==> flow/design.v <==
module dp_sel_unit_p #(
    parameter integer BITS = 16,
    parameter integer LANES = 6
) (
    input wire clk_i,
    input wire nrst,
    input wire [LANES*BITS-1:0] din,
    input wire [LANES-1:0] s,
    output wire [BITS-1:0] dout
);
    reg [LANES*BITS-1:0] din_q;
    reg [LANES-1:0] s_q;
    reg [BITS-1:0] val;
    integer idx;
    always @* begin
        val = 0;
        for (idx = 0; idx < LANES; idx = idx + 1)
            val = val | (din_q[idx*BITS +: BITS] & {BITS{s_q[idx]}});
    end
    assign dout = val;
    always @(posedge clk_i) begin
        if (~nrst) begin
            din_q <= 0;
            s_q <= 0;
        end else begin
            din_q <= din;
            s_q <= s;
        end
    end
endmodule
======== Tool chain data of dp_sel_unit_p ========
Tool output for the design above, in the order of the flow.
Line numbers count from 1 in the design file above.
Operators carry their Yosys type and port widths (W data, S select, Z words).
Library cell names are shortened.
Not given: -
set-up
  top module .............................. dp_sel_unit_p
  clock input ............................. clk_i
  cell library ............................ sky130hd
  library corner .......................... tt_025C_1v80

======== Word level ========
Source: Yosys, flattened and elaborated, memories not mapped. Widths are those after wreduce; folded enables and synchronous resets count as part of the registers. Registers that Yosys merges into a memory's read port (data or address) are not register bits. Print and check cells do not count. Equal cells are merged and count once.
operators by class
  divide/modulo/power cells ............... 0
  bitwise gates (word level) .............. 11
  reduce/logical cells .................... 0
  muxes and demuxes ....................... 0
  shift operators ......................... 0
  multipliers ............................. 0
  equality and inequality tests ........... 0
  $add $sub $neg .......................... 0
  $lt $le $gt $ge ......................... 0
operators with widths
  kind              number
  $and A16 B16 Y16  6
  $or A16 B16 Y16   5
storage and ports
  elaborated cells ........................ 13
  bits in latches ......................... 0
  memory bits (writable) .................. 0
  clocked read ports x word width ......... 0
  input bits .............................. 104
  memory cells ............................ 0
  memory bits (read-only) ................. 0
  flip-flop bits (word level) ............. 102
  output and inout bits ................... 16

======== Depth ========
Longest topological path by Yosys (ltp), each cell counted once; first at word level (registers and memories cut), then after technology mapping (sequential cells cut; the memories' decode and read muxes count).
depth
  word-level depth ........................ 6
  ABC_AREA ................................ 0
  mapped depth ............................ 4
  depth with buffers taken out ............ 2

======== Netlist ========
Source: synth_stat.txt of the flow (Yosys; design flattened, memories mapped). It holds for the ABC_AREA given above (unset counts as 0); a run with the other value may have another netlist.
Totals and module areas in this step are rounded.
cells by type
  type      number  total area (um2)
  dfxtp_1   102     2.04E+03
  and2_1    102     638.112
  a22oi_1   43      322.81
  buf_6     9       101.347
  nand3_1   16      80.077
  a22oi_2   5       62.56
  buf_8     3       45.043
  buf_2     8       40.038
  buf_4     1       7.507
  clkbuf_1  2       7.507
synthesis totals
  mapped cells ............................ 291
  buffers ................................. 23
  mapped flip-flops ....................... 102
  synthesis area .......................... 3350 um2
  sequential part of the area ............. 2040 um2

======== Path before layout ========
Path of least setup slack by OpenSTA after synthesis, without wires, with an ideal clock, recovery checks aside; 20% of the period is set as input and as output delay. Where synthesis merged equal registers, the netlist keeps one of their names.
path post-synthesis
  path type ............................... register -> output
  from .................................... register s_q[2]
  to ...................................... output dout[14]
  path delay .............................. 822 ps
  data required time ...................... 1024 ps
  setup slack ............................. 202 ps
  path buffers ............................ 2
  period .................................. 1280 ps
  stages on the path ...................... 5
  launch time at the first pin ............ 0 ps
  arrival ................................. 822 ps
  period reached after synthesis .......... 1078 ps
"path delay" is the arrival time less input delay plus setup time.
At an output port there is no setup time.
"stages on the path" counts driving pins, that of a launching flip-flop among them; a cell with two outputs on the path counts twice.
"period reached after synthesis" = period - worst setup slack (recovery checks aside). The figure is calculated, with input and output delays left at 20% of the set period.
The rows between start and end are the longest chain of elaborated cells between them; the timing report does not say that the signal goes this way. Where chains are equally long, one stands for them.
A line is the first line of the expression or statement that the cell stems from. Yosys adds cells for indexed reads and writes and turns some case tables into memories.
between the ends, post-synthesis
  path through ............................ dfxtp_1 > buf_6 > buf_8 > a22oi_1 > nand3_1
  cells in the longest elaborated chain ... 5
  elaborated cells between the ends (all ways) .. 5
  source lines of those cells ............. 1
  classes of those cells .................. logic: 5
RTL lines, path post-synthesis
  what                          RTL line  source
  start, declared               12        reg [LANES-1:0] s_q;
  start, assigned               24        s_q <= 0;
  start, assigned               27        s_q <= s;
  $and A16 B16 Y16              18        val = val | (din_q[idx*BITS +: BITS] & {BITS{s_q[idx]}});
  $or A16 B16 Y16 (4 in a row)  18
  end, declared                 9         output wire [BITS-1:0] dout

======== Path in the finished layout ========
From the final timing report of run C: the path of least setup slack in the routed layout; clock arrival at registers is part of the times.
The path's times are printed in steps of 10 ps; the period is the one set.
path post-layout
  path type ............................... register -> output
  from .................................... register s_q[0]
  to ...................................... output dout[7]
  setup slack ............................. -320 ps
  arrival ................................. 1340 ps
  stages on the path ...................... 6
  period .................................. 1280 ps
  data required time ...................... 1020 ps
  launch time at the first pin ............ 340 ps
  path buffers ............................ 3
The rows between start and end are the longest chain of elaborated cells between them; the timing report does not say that the signal goes this way. Where chains are equally long, one stands for them.
between the ends, post-layout
  path through ............................ dfxtp_2 > buf_6 > buf_8 > a22oi_2 > nand3_1 > buf_2
  cells in the longest elaborated chain ... 6
  elaborated cells between the ends (all ways) .. 6
  source lines of those cells ............. 1
  classes of those cells .................. logic: 6
RTL lines, path post-layout
  what                          RTL line  source
  start, declared               12        reg [LANES-1:0] s_q;
  start, assigned               24        s_q <= 0;
  start, assigned               27        s_q <= s;
  $and A16 B16 Y16              18        val = val | (din_q[idx*BITS +: BITS] & {BITS{s_q[idx]}});
  $or A16 B16 Y16 (5 in a row)  18
  end, declared                 9         output wire [BITS-1:0] dout

Ticket comment

3 stored runs of dp_sel_unit_p in the flow (synthesis by Yosys, layout by OpenROAD, sky130hd cells), in arbitrary order. Constraints: input delay and output delay 20% of the set period each, output load 0.01 pF.
"period reached" means the clock period less the worst setup slack. The figure is calculated, with input and output delays left at 20% of the set period.
"allowed time less slack (worst setup path)" is the time allowed to the run's worst setup path (the clock period less input and output delay, where it has them) less its slack. Clock arrival times count: a late capture clock shortens it, a late launch clock lengthens it.
"power consumption" rests on the timing tool's default activity at the inputs, not on a simulated workload.
"allowed time less slack (worst setup path)" is given in steps of 10 ps.
Values from the reports are rounded here.

---- run A ----
settings
  period_ns = 0.757
  CORE_UTILIZATION = 54
  PLACE_DENSITY = 0.66
  CORE_ASPECT_RATIO = 0.57
  CORE_MARGIN = 10
  CELL_PAD_IN_SITES_GLOBAL_PLACEMENT = 2
  TNS_END_PERCENT = 10
  ABC_AREA = 0
  GPL_TIMING_DRIVEN = 0
  CTS_CLUSTER_DIAMETER = 320
  CAP_MARGIN = 20
  SLEW_MARGIN = 20
results
  no results, placement failed with GPL-0301

---- run B ----
settings
  period_ns = 1.29
  CORE_UTILIZATION = 57
  PLACE_DENSITY = 0.7
  CORE_ASPECT_RATIO = 1.43
  CELL_PAD_IN_SITES_DETAIL_PLACEMENT = 1
  ABC_AREA = 0
  GPL_TIMING_DRIVEN = 0
  GPL_ROUTABILITY_DRIVEN = 1
  CTS_CLUSTER_DIAMETER = 155
  SLEW_MARGIN = 35
  CAP_MARGIN = 20
  CORE_MARGIN = 2
results
  no results, placement failed with DPL-0033

---- run C ----
settings
  period_ns = 1.28
  CAP_MARGIN = 20
  CORE_MARGIN = 2
  CORE_UTILIZATION = 40
  SLEW_MARGIN = 20
results
  chip area after synthesis (Yosys) ....... 3350 um2
  die footprint ........................... 9120 um2
  standard-cell area after layout ......... 4980 um2
  post-route utilization .................. 61.0 %
  worst setup slack after layout .......... -316 ps
  total negative setup slack .............. -4100 ps
  final worst hold slack .................. 424 ps
  power consumption ....................... 6190 uW
  period reached .......................... 1596 ps
  allowed time less slack (worst setup path) .. 1340 ps
  critical path kind ...................... register -> output
